==> flow/design.v <==
module ex_add_core_p #(
    parameter integer DW = 14,
    parameter integer N = 3,
    parameter integer RES_W = DW + $clog2(N)
) (
    input  logic aclk,
    input  logic reset,
    input  logic [N*DW-1:0] in_in,
    output logic [RES_W-1:0] out_res
);
    wire [RES_W-1:0] nd [1:2*N-1];
    generate
        for (genvar gi = 0; gi < N; gi++) begin : row
            assign nd[N+gi] = in_in[gi*DW +: DW];
        end
        for (genvar gi = 1; gi < N; gi++) begin : each
            assign nd[gi] = nd[2*gi] + nd[2*gi+1];
        end
    endgenerate
    always_ff @(posedge aclk or posedge reset) begin
        if (reset) begin
            out_res <= '0;
        end else begin
            out_res <= nd[1];
        end
    end
endmodule
# [Step by step through the tools: ex_add_core_p]
# A sweep over "N": the same steps for each member of the family.
# The RTL above is that of N=3; lines are counted from 1 in the file of the member named.
# Operators: Yosys type, input widths -> output width; for muxes data width and select width s.
# Cell names lack the library's common part.
# Not given: n/a
[design] design="ex_add_core_p" clock_port="aclk" cell_library="sky130hd" corner="tt_025C_1v80"

# [Members of the sweep]
# New or changed lines of each further member against the RTL above, in its own file; lines it lacks are not shown.
[changed_lines] N=5 line=3 source="parameter integer N = 5,"
[changed_lines] N=7 line=3 source="parameter integer N = 7,"
[changed_lines] N=10 line=3 source="parameter integer N = 10,"
[changed_lines] N=24 line=3 source="parameter integer N = 24,"

# [Word level]
# Yosys after proc, flatten, opt, wreduce and memory -nomap, before mapping. Enables and synchronous resets that opt folds into registers are not counted as muxes. Memory bits, and registers merged into a memory's read port (data or address), are not among the register bits. Print and check cells are not counted. Equal cells are merged and count once.
[bits] N=3 out_inout_bits=16 register_bits=16 in_bits=44 word_cells=3
[bits] N=5 out_inout_bits=17 register_bits=17 in_bits=72 word_cells=5
[bits] N=7 out_inout_bits=17 register_bits=17 in_bits=100 word_cells=7
[bits] N=10 out_inout_bits=18 register_bits=18 in_bits=142 word_cells=10
[bits] N=24 out_inout_bits=19 register_bits=19 in_bits=338 word_cells=24
[op_classes] N=3 n_addsub=2
[op_classes] N=5 n_addsub=4
[op_classes] N=7 n_addsub=6
[op_classes] N=10 n_addsub=9
[op_classes] N=24 n_addsub=23
[ops] N=3 operators="$add 16x14->16 (1); $add 14x14->15 (1)"
[ops] N=5 operators="$add 14x14->15 (2); $add 17x14->17 (1); $add 17x17->17 (1)"
[ops] N=7 operators="$add 14x14->15 (3); $add 17x17->17 (2); $add 17x14->17 (1)"
[ops] N=10 operators="$add 14x14->15 (5); $add 18x18->18 (4)"
[ops] N=24 operators="$add 19x19->19 (11); $add 14x14->15 (12)"

# [Depth]
# Longest topological path by Yosys (ltp), each cell counted once; first at word level (registers and memories cut), then after technology mapping (sequential cells cut; the memories' decode and read muxes count).
[depth] N=3 depth_word=2 abc_area=0 ltp_mapped=16 depth_no_buf=16
[depth] N=5 depth_word=3 abc_area=0 ltp_mapped=18 depth_no_buf=18
[depth] N=7 depth_word=3 abc_area=0 ltp_mapped=19 depth_no_buf=19
[depth] N=10 depth_word=4 abc_area=0 ltp_mapped=21 depth_no_buf=21
[depth] N=24 depth_word=5 abc_area=0 ltp_mapped=26 depth_no_buf=25

# [Netlist]
# The flow's flattened synthesis, as Yosys stat reports it; memories are mapped. The netlist is that of the ABC_AREA named above (0 if unset); the other value can give another one.
[mapped] N=3 stdcells=180 ffs=16 buffers=0 seqArea_mm2=0.0004004 synth_area_mm2=0.0016578
[mapped] N=5 stdcells=320 ffs=17 buffers=0 seqArea_mm2=0.0004254 synth_area_mm2=0.0027489
[mapped] N=7 stdcells=411 ffs=17 buffers=1 seqArea_mm2=0.0004254 synth_area_mm2=0.0036172
[mapped] N=10 stdcells=604 ffs=18 buffers=1 seqArea_mm2=0.0004504 synth_area_mm2=0.005205
[mapped] N=24 stdcells=1339 ffs=19 buffers=4 seqArea_mm2=0.0004755 synth_area_mm2=0.0118864
[by_type] N=3 type_list="dfrtp_1 (16); ha_1 (30); xnor2_1 (16); a21oi_1 (19); nor2_1 (16); o21ai_0 (9); xor2_1 (5); fa_1 (2); a21o_1 (5); inv_1 (10); o21a_1 (5); nor2b_1 (5); a2111o_1 (2); a211oi_1 (3); o211ai_1 (3); o31ai_1 (3); a41o_1 (2); nor3_1 (4); [+25]"
[by_type] N=5 type_list="ha_1 (43); dfrtp_1 (17); fa_1 (17); inv_1 (55); a21o_1 (26); xnor2_1 (17); xor2_1 (14); a21oi_1 (24); nor2_1 (26); o21a_1 (8); o21ai_0 (9); nand2_1 (11); a221oi_2 (2); o21bai_1 (4); and4_1 (3); o31a_1 (3); a211oi_1 (3); nand3_1 (4); [+34]"
[by_type] N=7 type_list="ha_1 (59); fa_1 (32); dfrtp_1 (17); inv_1 (69); xnor2_1 (26); a21o_1 (23); a21oi_1 (32); xor2_1 (16); nor2_1 (21); nand2_1 (19); o21ai_0 (14); a211oi_1 (8); o21bai_1 (6); a31oi_1 (6); o21a_1 (5); nand3_1 (7); o21ai_1 (6); o31ai_1 (3); [+42]"
[by_type] N=10 type_list="ha_1 (88); fa_1 (49); dfrtp_1 (18); xnor2_1 (46); a21oi_1 (59); inv_1 (73); a21o_1 (29); xor2_1 (24); nor2_1 (35); o21ai_0 (26); nand2_1 (28); o21ai_1 (17); a31oi_1 (11); nand3_1 (13); o21a_1 (7); a211oi_2 (4); and3_1 (8); a221oi_2 (3); [+66]"
[by_type] N=24 type_list="fa_1 (159); ha_1 (192); xnor2_1 (88); inv_1 (181); a21oi_1 (118); dfrtp_1 (19); xor2_1 (46); a21o_1 (51); o21ai_0 (67); nor2_1 (68); nand2_1 (48); o21bai_1 (22); a211oi_1 (21); nor3_1 (31); o211ai_1 (17); o21a_1 (17); nor2b_1 (20); a31oi_1 (16); [+158]"
# A list marked [+n] leaves out that many cells.

# [Path before layout]
# Source: OpenSTA report_checks on the synthesized netlist (no wires, ideal clock, input and output delay 20% of the period each), path of least setup slack; recovery checks are left aside. Register names are those of the netlist, which keeps one name where synthesis merged equal registers.
[synth_timing] N=3 kind="input-to-reg" from="in in_in[14]" to="reg out_res[14]" driving_pins=16 delay_ps=2640 path_slack_ps=656 tclk_ps=4120 period_less_setup_slack_ps=3464
[synth_timing] N=5 kind="input-to-reg" from="in in_in[42]" to="reg out_res[15]" driving_pins=16 delay_ps=3334 path_slack_ps=834 tclk_ps=5210 period_less_setup_slack_ps=4376
[synth_timing] N=7 kind="input-to-reg" from="in in_in[42]" to="reg out_res[13]" driving_pins=17 delay_ps=3822 path_slack_ps=954 tclk_ps=5970 period_less_setup_slack_ps=5016
[synth_timing] N=10 kind="input-to-reg" from="in in_in[56]" to="reg out_res[15]" driving_pins=20 delay_ps=4366 path_slack_ps=1090 tclk_ps=6820 period_less_setup_slack_ps=5730
[synth_timing] N=24 kind="input-to-reg" from="in in_in[224]" to="reg out_res[15]" driving_pins=22 delay_ps=5662 path_slack_ps=1418 tclk_ps=8850 period_less_setup_slack_ps=7432
# "delay_ps" = arrival - input delay + setup time.
# "driving_pins": output pins that drive a net of the path, with the launching flip-flop's if there is one; two outputs of one cell count as two.
# "period_less_setup_slack_ps" = period - worst setup slack (recovery checks aside). The figure is calculated, with input and output delays left at 20% of the set period.
# The rows between start and end are the longest chain of elaborated cells between them; the timing report does not say that the signal goes this way. Where chains are equally long, one stands for them.
# A line is the first line of the expression or statement that the cell stems from. Yosys adds cells for indexed reads and writes and turns some case tables into memories.
[synth_via_N_3] elab_chain_len=2
[synth_lines_N_3] item="start: declaration" line=8 source="input  logic [N*DW-1:0] in_in,"
[synth_lines_N_3] item="$add 14x14->15" line=17 source="assign nd[gi] = nd[2*gi] + nd[2*gi+1];"
[synth_lines_N_3] item="$add 16x14->16" line=17
[synth_lines_N_3] item="end: assignment" line=22 source="out_res <= '0;"
[synth_lines_N_3] item="end: assignment" line=24 source="out_res <= nd[1];"
[synth_lines_N_3] item="end: declaration" line=9 source="output logic [RES_W-1:0] out_res"
[synth_via_N_24] elab_chain_len=5
[synth_lines_N_24] item="start: declaration" line=8 source="input  logic [N*DW-1:0] in_in,"
[synth_lines_N_24] item="$add 14x14->15" line=17 source="assign nd[gi] = nd[2*gi] + nd[2*gi+1];"
[synth_lines_N_24] item="$add 19x19->19 x4" line=17
[synth_lines_N_24] item="end: assignment" line=22 source="out_res <= '0;"
[synth_lines_N_24] item="end: assignment" line=24 source="out_res <= nd[1];"
[synth_lines_N_24] item="end: declaration" line=9 source="output logic [RES_W-1:0] out_res"

# [Path in the finished layout]
# Path of least setup slack in the final report of each member's run (OpenROAD, finished layout, wires in). Where an end is a register, its clock arrival counts in the times.
# The path's times are printed in steps of 10 ps; the period is the one set.
[layout_timing] N=3 kind="input-to-reg" from="in in_in[14]" to="reg out_res[14]" tclk_ps=4120 path_slack_ps=210 driving_pins=18 t_arrival_ps=4070
[layout_timing] N=5 kind="input-to-reg" from="in in_in[42]" to="reg out_res[13]" tclk_ps=5210 path_slack_ps=390 driving_pins=16 t_arrival_ps=4950
[layout_timing] N=7 kind="input-to-reg" from="in in_in[42]" to="reg out_res[16]" tclk_ps=5970 path_slack_ps=450 driving_pins=19 t_arrival_ps=5640
[layout_timing] N=10 kind="input-to-reg" from="in in_in[28]" to="reg out_res[15]" tclk_ps=6820 path_slack_ps=430 driving_pins=22 t_arrival_ps=6560
[layout_timing] N=24 kind="input-to-reg" from="in in_in[196]" to="reg out_res[15]" tclk_ps=8850 path_slack_ps=580 driving_pins=24 t_arrival_ps=8450

# [Flow runs]
# Settings and results of one run of the flow (Yosys, OpenROAD) for each member follow. The constraints put input and output delay at 20% of the set period each and load the outputs with 0.01 pF.
[settings] CAP_MARGIN=20 CORE_MARGIN=2 CORE_UTILIZATION=40 SLEW_MARGIN=20
[settings_by_member] N=3 period_ns=4.12
[settings_by_member] N=5 period_ns=5.21
[settings_by_member] N=7 period_ns=5.97
[settings_by_member] N=10 period_ns=6.82
[settings_by_member] N=24 period_ns=8.85
[measured] N=3 final_util_frac=0.608 total_negative_slack_ps=0 post_synth_area_mm2=0.0016578 final_setup_ws_ps=215 dieArea_mm2=0.0046758
[measured] N=5 final_util_frac=0.563 total_negative_slack_ps=0 post_synth_area_mm2=0.0027489 final_setup_ws_ps=385 dieArea_mm2=0.0075516
[measured] N=7 final_util_frac=0.566 total_negative_slack_ps=0 post_synth_area_mm2=0.0036172 final_setup_ws_ps=446 dieArea_mm2=0.0098198
[measured] N=10 final_util_frac=0.56 total_negative_slack_ps=0 post_synth_area_mm2=0.005205 final_setup_ws_ps=435 dieArea_mm2=0.0139405
[measured] N=24 final_util_frac=0.543 total_negative_slack_ps=0 post_synth_area_mm2=0.0118864 final_setup_ws_ps=580 dieArea_mm2=0.0311117
